==> flow/design.v <==
module u_sum_block_blk #(
  parameter int WD = 5,
  parameter int INPUTS = 20,
  parameter int SUM_W = WD + $clog2(INPUTS)
) (
  input  logic clk_i,
  input  logic i_rst,
  input  logic [INPUTS*WD-1:0] d_in,
  output logic [SUM_W-1:0] result_out
);
  logic [INPUTS*WD-1:0] r_d;
  always_ff @(posedge clk_i or posedge i_rst) begin
    if (i_rst) begin
      r_d <= 0;
    end else begin
      r_d <= d_in;
    end
  end
  logic [SUM_W-1:0] cur;
  always_comb begin
    cur = 0;
    for (int n = 0; n < INPUTS; n++)
      cur = cur + r_d[n*WD +: WD];
  end
  always_ff @(posedge clk_i or posedge i_rst) begin
    if (i_rst) begin
      result_out <= 0;
    end else begin
      result_out <= cur;
    end
  end
endmodule
Reports on u_sum_block_blk
Tool output for the members of one design family, told apart by "WD", in the order of the flow.
The file above is the member WD=5. Line numbers count from 1 in each member's own file.
Operators: Yosys type, input widths -> output width; for muxes data width and select width s.
Cell names lack the library's common part.
The mark -- stands for no value.
Design
  top: u_sum_block_blk
  clock port: clk_i
  standard-cell library: sky130hd
  timing corner: tt_025C_1v80

Source of the members
New or changed lines of each further member against the RTL above, in its own file; lines it lacks are not shown.
New or changed lines
  WD 7: RTL line 2  | parameter int WD = 7,
  WD 10: RTL line 2  | parameter int WD = 10,
  WD 18: RTL line 2  | parameter int WD = 18,
  WD 20: RTL line 2  | parameter int WD = 20,
  WD 24: RTL line 2  | parameter int WD = 24,

Word level
Counts by Yosys on the flattened word-level netlist (proc, flatten, opt, wreduce; memories kept). Register bits leave out memories and registers merged into their read ports (data or address); mux counts leave out enables and synchronous resets folded into registers. Print and check cells are left out. Cells with the same type and inputs are merged into one.
Operators by class (add/sub/neg operators)
  WD 5: 19
  WD 7: 19
  WD 10: 19
  WD 18: 19
  WD 20: 19
  WD 24: 19
Operators by type and width (kind and count)
  WD 5: $add 10x5->10 (14); $add 9x5->10 (1); $add 8x5->9 (1); $add 7x5->8 (1); $add 6x5->7 (1); $add 5x5->6 (1)
  WD 7: $add 12x7->12 (14); $add 11x7->12 (1); $add 10x7->11 (1); $add 9x7->10 (1); $add 8x7->9 (1); $add 7x7->8 (1)
  WD 10: $add 15x10->15 (14); $add 14x10->15 (1); $add 13x10->14 (1); $add 12x10->13 (1); $add 11x10->12 (1); $add 10x10->11 (1)
  WD 18: $add 23x18->23 (14); $add 22x18->23 (1); $add 21x18->22 (1); $add 20x18->21 (1); $add 19x18->20 (1); $add 18x18->19 (1)
  WD 20: $add 25x20->25 (14); $add 24x20->25 (1); $add 23x20->24 (1); $add 22x20->23 (1); $add 21x20->22 (1); $add 20x20->21 (1)
  WD 24: $add 29x24->29 (14); $add 28x24->29 (1); $add 27x24->28 (1); $add 26x24->27 (1); $add 25x24->26 (1); $add 24x24->25 (1)
Word-level totals
  WD 5: output and inout port bits 10, cells after elaboration 21, input port bits 102, bits in registers 110
  WD 7: output and inout port bits 12, cells after elaboration 21, input port bits 142, bits in registers 152
  WD 10: output and inout port bits 15, cells after elaboration 21, input port bits 202, bits in registers 215
  WD 18: output and inout port bits 23, cells after elaboration 21, input port bits 362, bits in registers 383
  WD 20: output and inout port bits 25, cells after elaboration 21, input port bits 402, bits in registers 425
  WD 24: output and inout port bits 29, cells after elaboration 21, input port bits 482, bits in registers 509

Depth
Yosys ltp: most cells in a row. Word level: on the elaborated netlist, between registers, memories and ports. Mapped: between sequential cells and ports; inverters and the memories' decode and read muxes count.
Depth
  WD 5: depth after elaboration 19, ABC_AREA 0, gate-level depth with buffers 20, mapped depth without buffers 20
  WD 7: depth after elaboration 19, ABC_AREA 0, gate-level depth with buffers 21, mapped depth without buffers 21
  WD 10: depth after elaboration 19, ABC_AREA 0, gate-level depth with buffers 22, mapped depth without buffers 21
  WD 18: depth after elaboration 19, ABC_AREA 0, gate-level depth with buffers 22, mapped depth without buffers 22
  WD 20: depth after elaboration 19, ABC_AREA 0, gate-level depth with buffers 23, mapped depth without buffers 22
  WD 24: depth after elaboration 19, ABC_AREA 0, gate-level depth with buffers 22, mapped depth without buffers 22

Synthesis result
The flow's flattened synthesis, as Yosys stat reports it; memories are mapped. The netlist is that of the ABC_AREA named above (0 if unset); the other value can give another one.
Cell types (type and count)
  WD 5: dfrtp_1 (110); fa_1 (84); inv_1 (147); ha_1 (27); xnor2_1 (4); a21oi_1 (6); a311oi_2 (1); nor2_1 (4); a211oi_2 (1); nor2b_1 (2); a21oi_2 (1); o21ai_2 (1); xor2_1 (1); o31ai_1 (1); and3_1 (1); or2_2 (1); nor3_1 (1); o21ai_1 (1); nand2_1 (1)
  WD 7: dfrtp_1 (152); fa_1 (120); inv_1 (182); ha_1 (29); xnor2_1 (5); a21oi_1 (6); xor2_1 (3); a21o_1 (3); nor2b_1 (3); a221oi_2 (1); a311oi_2 (1); a31oi_2 (1); and3_1 (2); nor2_1 (3); nor3_1 (2); nand2b_2 (1); o2bb2ai_1 (1); a211oi_1 (1); [+5]
  WD 10: dfrtp_1 (215); fa_1 (174); inv_1 (285); ha_1 (32); xnor2_1 (6); a21oi_1 (7); xor2_1 (4); nand2_1 (7); nor2_1 (6); nor2b_1 (3); a21o_1 (2); o211ai_1 (2); o21a_1 (2); o21ai_0 (3); a31oi_1 (2); nor4_2 (1); a221o_2 (1); buf_6 (1); [+12]
  WD 18: dfrtp_1 (383); fa_1 (318); inv_1 (505); ha_1 (40); xnor2_1 (11); a21oi_1 (18); a21o_1 (9); xor2_1 (7); nand2_1 (16); o21ai_0 (7); and3_1 (5); a2111oi_4 (1); a221oi_4 (1); a31oi_1 (4); nand4_1 (4); nor2b_1 (3); a21oi_2 (2); a31o_1 (2); [+26]
  WD 20: dfrtp_1 (425); fa_1 (354); inv_1 (513); ha_1 (42); xnor2_1 (15); a21oi_1 (22); o21ai_0 (17); a21o_1 (7); nand2_1 (12); nand4_1 (7); xor2_1 (4); nor2_1 (8); a21oi_2 (3); o31ai_4 (1); a311o_1 (2); clkbuf_1 (5); nor2b_1 (3); a211oi_1 (2); [+34]
  WD 24: dfrtp_1 (509); fa_1 (426); inv_1 (640); ha_1 (46); xnor2_1 (18); a21oi_1 (28); xor2_1 (7); o21ai_0 (11); nand2_1 (13); nor2_1 (12); nand3_1 (8); a21o_1 (5); o21a_1 (4); nor2b_1 (4); o31ai_2 (2); nand3_2 (2); a221oi_1 (2); a2111oi_2 (1); [+31]
A list marked [+n] leaves out that many cells.
Synthesis totals
  WD 5: flip-flops 110, cells in the netlist 395, mapped area 5504.0 um^2, sequential area 2752.6 um^2
  WD 7: flip-flops 152, cells in the netlist 521, mapped area 7521.0 um^2, sequential area 3803.6 um^2
  WD 10: flip-flops 215, cells in the netlist 765, mapped area 10730.3 um^2, sequential area 5380.2 um^2
  WD 18: flip-flops 383, cells in the netlist 1362, mapped area 19118.3 um^2, sequential area 9584.2 um^2
  WD 20: flip-flops 425, cells in the netlist 1476, mapped area 21082.7 um^2, sequential area 10635.2 um^2
  WD 24: flip-flops 509, cells in the netlist 1769, mapped area 25182.9 um^2, sequential area 12737.2 um^2

Timing after synthesis
OpenSTA on the mapped netlist: ideal clock, no wires. The path of least setup slack (recovery checks aside). Input and output delay are each 20% of the period. Register names are those of the netlist, which keeps one name where synthesis merged equal registers.
Timing path post-synthesis
  WD 5: kind register -> register, start point register r_d[64], end point register result_out[8], slack 1332 ps, stages 20, delay of the path 5318 ps, period 6650 ps, synthesis period reached 5318 ps
  WD 7: kind register -> register, start point register r_d[107], end point register result_out[11], slack 1332 ps, stages 20, delay of the path 5308 ps, period 6640 ps, synthesis period reached 5308 ps
  WD 10: kind register -> register, start point register r_d[159], end point register result_out[13], slack 1335 ps, stages 20, delay of the path 5336 ps, period 6670 ps, synthesis period reached 5335 ps
  WD 18: kind register -> register, start point register r_d[224], end point register result_out[15], slack 1380 ps, stages 19, delay of the path 5540 ps, period 6920 ps, synthesis period reached 5540 ps
  WD 20: kind register -> register, start point register r_d[302], end point register result_out[17], slack 1393 ps, stages 21, delay of the path 5577 ps, period 6970 ps, synthesis period reached 5577 ps
  WD 24: kind register -> register, start point register r_d[362], end point register result_out[25], slack 1459 ps, stages 22, delay of the path 5831 ps, period 7290 ps, synthesis period reached 5831 ps
"delay of the path" is the arrival time less input delay plus setup time.
"stages": output pins that drive a net of the path, with the launching flip-flop's if there is one; two outputs of one cell count as two.
"synthesis period reached" = period - worst setup slack (recovery checks aside). The figure is calculated, with input and output delays left at 20% of the set period.
Between the ends stands the longest chain of elaborated cells between them, by number of cells; it is not shown to be the way that was timed. Of several equally long chains one is given.
Each line given opens the expression or statement behind the cell; cells for indexed reads and writes are added by Yosys, which also makes memories of some case tables.
Between the ends, post-synthesis, WD=5
  length of the longest elaborated chain: 8
Ends and longest elaborated chain, post-synthesis, WD=5
  start, declared: RTL line 11  | logic [INPUTS*WD-1:0] r_d;
  start, assigned: RTL line 14  | r_d <= 0;
  start, assigned: RTL line 16  | r_d <= d_in;
  $add 10x5->10 x8: RTL line 23  | cur = cur + r_d[n*WD +: WD];
  end, assigned: RTL line 27  | result_out <= 0;
  end, assigned: RTL line 29  | result_out <= cur;
  end, declared: RTL line 9  | output logic [SUM_W-1:0] result_out
Between the ends, post-synthesis, WD=24
  length of the longest elaborated chain: 5
Ends and longest elaborated chain, post-synthesis, WD=24
  start, declared: RTL line 11  | logic [INPUTS*WD-1:0] r_d;
  start, assigned: RTL line 14  | r_d <= 0;
  start, assigned: RTL line 16  | r_d <= d_in;
  $add 29x24->29 x5: RTL line 23  | cur = cur + r_d[n*WD +: WD];
  end, assigned: RTL line 27  | result_out <= 0;
  end, assigned: RTL line 29  | result_out <= cur;
  end, declared: RTL line 9  | output logic [SUM_W-1:0] result_out

Worst path after layout
Path of least setup slack in the final report of the run of each member (OpenROAD, finished layout, wires in). Where an end is a register, its clock arrival counts in the times.
The report prints the path's times to 10 ps; the period is as set.
Timing path post-layout
  WD 5: kind register -> register, start point register r_d[62], end point register result_out[9], slack 1120 ps, period 6650 ps, path buffers 0, arrival 5800 ps, stages 19
  WD 7: kind register -> register, start point register r_d[88], end point register result_out[10], slack 1070 ps, period 6640 ps, path buffers 0, arrival 5890 ps, stages 20
  WD 10: kind register -> register, start point register r_d[127], end point register result_out[14], slack 1040 ps, period 6670 ps, path buffers 0, arrival 6020 ps, stages 20
  WD 18: kind register -> register, start point register r_d[272], end point register result_out[19], slack 1010 ps, period 6920 ps, path buffers 0, arrival 6390 ps, stages 21
  WD 20: kind register -> register, start point register r_d[302], end point register result_out[21], slack 960 ps, period 6970 ps, path buffers 0, arrival 6490 ps, stages 21
  WD 24: kind register -> register, start point register r_d[290], end point register result_out[25], slack 1020 ps, period 7290 ps, path buffers 0, arrival 6790 ps, stages 20

Flow runs
Settings and results of one run of the flow (Yosys, OpenROAD) for each member follow. The constraints put input and output delay at 20% of the set period each and load the outputs with 0.01 pF.
Flow settings
  CAP_MARGIN: 20
  CORE_MARGIN: 2
  CORE_UTILIZATION: 40
  SLEW_MARGIN: 20
Settings by member (period_ns)
  WD 5: 6.65
  WD 7: 6.64
  WD 10: 6.67
  WD 18: 6.92
  WD 20: 6.97
  WD 24: 7.29
Measured results
  WD 5: summed negative setup slack 0 ps, setup slack of the critical path 1120 ps, synthesized cell area 5504.0 um^2, standard-cell area after layout 7146.9 um^2, overall die area 14714.9 um^2
  WD 7: summed negative setup slack 0 ps, setup slack of the critical path 1074 ps, synthesized cell area 7521.0 um^2, standard-cell area after layout 9964.6 um^2, overall die area 19914.9 um^2
  WD 10: summed negative setup slack 0 ps, setup slack of the critical path 1045 ps, synthesized cell area 10730.3 um^2, standard-cell area after layout 14077.3 um^2, overall die area 28151.8 um^2
  WD 18: summed negative setup slack 0 ps, setup slack of the critical path 1005 ps, synthesized cell area 19118.3 um^2, standard-cell area after layout 25245.5 um^2, overall die area 49559.7 um^2
  WD 20: summed negative setup slack 0 ps, setup slack of the critical path 959 ps, synthesized cell area 21082.7 um^2, standard-cell area after layout 27859.2 um^2, overall die area 54559.6 um^2
  WD 24: summed negative setup slack 0 ps, setup slack of the critical path 1016 ps, synthesized cell area 25182.9 um^2, standard-cell area after layout 33276.9 um^2, overall die area 64979.1 um^2
